==> flow/design.v <==
module gen_mult_p #(
  parameter integer BITS = 5
) (
  input  wire clock,
  input  wire srst,
  input  wire step,
  input  wire [BITS-1:0] in0_i,
  input  wire [BITS-1:0] in1_i,
  input  wire [2*BITS-1:0] in2_i,
  output reg [2*BITS:0] p_o
);
  always @(posedge clock) begin
    if (srst) begin
      p_o <= 0;
    end else if (step) begin
      p_o <= in0_i * in1_i + in2_i;
    end
  end
endmodule
From RTL to reports: gen_mult_p
Tool output for the design above, in the order of the flow.
Line numbers count from 1 in the design file above.
Operators carry their Yosys type and port widths (W data, S select, Z words).
Library cell names are shortened.
Not given: -

inputs
  top = gen_mult_p
  clock port = clock
  library = sky130hd
  library corner = tt_025C_1v80

Word-level counts
Counts by Yosys on the flattened word-level netlist (proc, flatten, opt, wreduce; memories kept). Register bits leave out memories and registers merged into their read ports (data or address); mux counts leave out enables and synchronous resets folded into registers. Print and check cells are left out. Cells with the same type and inputs are merged into one.

word-level totals
  flip-flop bits (word level) = 11
  input port bits = 23
  output and inout bits = 11

operators by class
  add/sub/neg operators = 1
  multipliers = 1

operators with widths
  operator          count
  $mul A5 B5 Y10    1
  $add A10 B10 Y11  1

Logic depth
Longest topological path by Yosys (ltp), each cell counted once; first at word level (registers and memories cut), then after technology mapping (sequential cells cut; the memories' decode and read muxes count).

logic depth
  word-level depth = 2
  ABC_AREA = 0
  depth in mapped cells = 12
  depth with buffers taken out = 12

Netlist
The flow's flattened synthesis, as Yosys stat reports it; memories are mapped. The netlist is that of the ABC_AREA named above (0 if unset); the other value can give another one.
The area totals of this step are shown rounded.

cell types
  cell type  count  area in all (um2)
  fa_1       17     340.326
  ha_1       19     237.728
  dfxtp_1    11     220.211
  and2_1     14     87.584
  inv_1      21     78.826
  nand2_1    13     48.797
  mux2i_1    4      40.038
  nand2b_1   6      37.536
  nor2_1     8      30.029
  nor3b_1    4      30.029
  a21oi_1    5      25.024
  o211ai_1   3      22.522
  a211oi_4   1      20.019
  a211o_1    2      17.517
  o311ai_1   2      17.517
  xnor2_1    2      17.517
  a2111oi_2  1      15.014
  a211oi_1   2      15.014

Not listed: further types 14, cells in them 20.

mapped netlist
  cell count = 155
  chip area (Yosys) = 0.00143 mm2
  sequential part of the area = 0.00022 mm2
  flip-flop cells = 11

Timing after synthesis
Path of least setup slack by OpenSTA after synthesis, without wires, with an ideal clock, recovery checks aside; 20% of the period is set as input and as output delay. Where synthesis merged equal registers, the netlist keeps one of their names.

path after synthesis
  path type = input-to-reg
  start point = input in1_i[4]
  end point = register p_o[10]
  period = 4.54 ns
  time at the first pin = 0.908 ns
  arrival time = 3.671 ns
  data required time = 4.400 ns
  path slack = 0.729 ns
  path delay = 2.903 ns
  stages = 11
  synthesis period reached = 3.811 ns

"path delay" = arrival - input delay + setup time.
"stages" counts driving pins, that of a launching flip-flop among them; a cell with two outputs on the path counts twice.
"synthesis period reached" = period - worst setup slack (recovery checks aside). The figure is calculated, with input and output delays left at 20% of the set period.
Between the ends stands the longest chain of elaborated cells between them, by number of cells; it is not shown to be the way that was timed. Of several equally long chains one is given.
Each line given opens the expression or statement behind the cell; cells for indexed reads and writes are added by Yosys, which also makes memories of some case tables.

between the ends, after synthesis
  path through = and2_1 fa_1 fa_1 inv_1 fa_1 inv_1 ha_1 o211ai_1 o21ai_1 o311ai_1 o221ai_1
  cells in the longest elaborated chain = 2
  elaborated cells on any way between the ends = 2
  source lines of those cells = 1
  those cells by class = add/sub (1); mul (1)

ends and longest elaborated chain, after synthesis
  what              RTL line  source
  from (decl)       8         input  wire [BITS-1:0] in1_i,
  $mul A5 B5 Y10    16        p_o <= in0_i * in1_i + in2_i;
  $add A10 B10 Y11  16
  to (assign)       14        p_o <= 0;
  to (assign)       16
  to (decl)         10        output reg [2*BITS:0] p_o

Path in the finished layout
From the final timing report of record 1: the path of least setup slack in the routed layout; clock arrival at registers is part of the times.

path after layout
  path type = input-to-reg
  start point = input in1_i[4]
  end point = register p_o[10]
  period = 4.54 ns
  time at the first pin = 0.91 ns
  arrival time = 4.44 ns
  data required time = 4.65 ns
  path slack = 0.22 ns
  stages = 11

Between the ends stands the longest chain of elaborated cells between them, by number of cells; it is not shown to be the way that was timed. Of several equally long chains one is given.

between the ends, after layout
  path through = clkdlybuf4s50_1 nand2_1 fa_1 fa_1 fa_1 inv_1 ha_1 a211oi_1 o21ai_1 o311ai_1 o221ai_1
  cells in the longest elaborated chain = 2
  elaborated cells on any way between the ends = 2
  source lines of those cells = 1
  those cells by class = add/sub (1); mul (1)

ends and longest elaborated chain, after layout
  what              RTL line  source
  from (decl)       8         input  wire [BITS-1:0] in1_i,
  $mul A5 B5 Y10    16        p_o <= in0_i * in1_i + in2_i;
  $add A10 B10 Y11  16
  to (assign)       14        p_o <= 0;
  to (assign)       16
  to (decl)         10        output reg [2*BITS:0] p_o

Stored flow runs of gen_mult_p (3 of them; Yosys, OpenROAD, sky130hd). They differ in their settings and are not a sequence. Constraints: input delay and output delay 20% of the set period each, output load 0.01 pF.
"achieved clock period" means the clock period less the worst setup slack. The figure is calculated, with input and output delays left at 20% of the set period.
"worst setup path time" is the time allowed to the run's worst setup path (the clock period less input and output delay, where it has them) less its slack. Clock arrival times count: a late capture clock shortens it, a late launch clock lengthens it.
"power" rests on the timing tool's default activity at the inputs, not on a simulated workload.
Values from the reports are rounded here.

Record 1
==> flow/run.sh <==
#!/bin/bash
# the make line also repeats the synthesis and layout settings of config.mk as NAME=value (left out here)
make -C /OpenROAD-flow-scripts/flow DESIGN_CONFIG=/design/flow/config.mk WORK_HOME=/design/flow/orfs CLKGATE_MAP_FILE= finish
==> flow/config.mk <==
export PLATFORM = sky130hd
export DESIGN_NAME = gen_mult_p
export DESIGN_NICKNAME = gen_mult_p
export VERILOG_FILES = /design/flow/design.v
export SDC_FILE = /design/flow/constraint.sdc
export NUM_CORES = 4
export LEC_CHECK = 0
export CAP_MARGIN = 20
export CORE_MARGIN = 2
export CORE_UTILIZATION = 40
export SLEW_MARGIN = 20
==> flow/constraint.sdc <==
create_clock -name core_clock -period 4.54 [get_ports {clock}]
set_input_delay 0.9080 -clock core_clock [delete_from_list [all_inputs] [get_ports {clock}]]
set_output_delay 0.9080 -clock core_clock [all_outputs]
set_load 0.01 [all_outputs]

==> results of record 1 <==
chip area after synthesis (Yosys): 0.00143 mm2
die area: 0.00408 mm2
standard-cell area of the final layout: 0.00183 mm2
utilization: 54.0 %
worst setup slack after layout: 0.217 ns
total negative slack: 0.000 ns
worst hold slack: 0.474 ns
power: 0.565 mW
achieved clock period: 4.323 ns
worst setup path time: 3.42 ns
worst setup path kind: input-to-reg

Record 2
==> flow/run.sh <==
#!/bin/bash
# the make line also repeats the synthesis and layout settings of config.mk as NAME=value (left out here)
make -C /OpenROAD-flow-scripts/flow DESIGN_CONFIG=/design/flow/config.mk WORK_HOME=/design/flow/orfs CLKGATE_MAP_FILE= finish
==> flow/config.mk <==
export PLATFORM = sky130hd
export DESIGN_NAME = gen_mult_p
export DESIGN_NICKNAME = gen_mult_p
export VERILOG_FILES = /design/flow/design.v
export SDC_FILE = /design/flow/constraint.sdc
export NUM_CORES = 4
export LEC_CHECK = 0
export CAP_MARGIN = 20
export CELL_PAD_IN_SITES_DETAIL_PLACEMENT = 1
export CELL_PAD_IN_SITES_GLOBAL_PLACEMENT = 0
export CORE_ASPECT_RATIO = 1.43
export CORE_MARGIN = 10
export CORE_UTILIZATION = 31
export CTS_CLUSTER_DIAMETER = 340
export GPL_ROUTABILITY_DRIVEN = 1
export MAX_ROUTING_LAYER = met4
export PLACE_DENSITY = 0.47
export SLEW_MARGIN = 20
export TNS_END_PERCENT = 30
==> flow/constraint.sdc <==
create_clock -name core_clock -period 3.32 [get_ports {clock}]
set_input_delay 0.6640 -clock core_clock [delete_from_list [all_inputs] [get_ports {clock}]]
set_output_delay 0.6640 -clock core_clock [all_outputs]
set_load 0.01 [all_outputs]

==> results of record 2 <==
chip area after synthesis (Yosys): 0.00143 mm2
die area: 0.00779 mm2
standard-cell area of the final layout: 0.00216 mm2
utilization: 48.4 %
worst setup slack after layout: -0.078 ns
total negative slack: -0.108 ns
worst hold slack: 0.479 ns
power: 1.08 mW
achieved clock period: 3.398 ns
worst setup path time: 2.73 ns
worst setup path kind: input-to-reg

Record 3
==> flow/run.sh <==
#!/bin/bash
# the make line also repeats the synthesis and layout settings of config.mk as NAME=value (left out here)
make -C /OpenROAD-flow-scripts/flow DESIGN_CONFIG=/design/flow/config.mk WORK_HOME=/design/flow/orfs CLKGATE_MAP_FILE= finish
==> flow/config.mk <==
export PLATFORM = sky130hd
export DESIGN_NAME = gen_mult_p
export DESIGN_NICKNAME = gen_mult_p
export VERILOG_FILES = /design/flow/design.v
export SDC_FILE = /design/flow/constraint.sdc
export NUM_CORES = 4
export LEC_CHECK = 0
export CAP_MARGIN = 20
export CELL_PAD_IN_SITES_DETAIL_PLACEMENT = 1
export CORE_ASPECT_RATIO = 0.57
export CORE_MARGIN = 2
export CORE_UTILIZATION = 18
export CTS_CLUSTER_DIAMETER = 88
export CTS_CLUSTER_SIZE = 20
export GPL_ROUTABILITY_DRIVEN = 0
export GPL_TIMING_DRIVEN = 0
export MAX_ROUTING_LAYER = met4
export PLACE_DENSITY_LB_ADDON = 0.18
export SLEW_MARGIN = 30
==> flow/constraint.sdc <==
create_clock -name core_clock -period 2.24 [get_ports {clock}]
set_input_delay 0.4480 -clock core_clock [delete_from_list [all_inputs] [get_ports {clock}]]
set_output_delay 0.4480 -clock core_clock [all_outputs]
set_load 0.01 [all_outputs]

==> results of record 3 <==
chip area after synthesis (Yosys): 0.00143 mm2
die area: 0.00872 mm2
standard-cell area of the final layout: 0.00235 mm2
utilization: 30.6 %
worst setup slack after layout: -0.894 ns
total negative slack: -5.48 ns
worst hold slack: 0.477 ns
power: 1.82 mW
achieved clock period: 3.134 ns
worst setup path time: 2.69 ns
worst setup path kind: input-to-reg
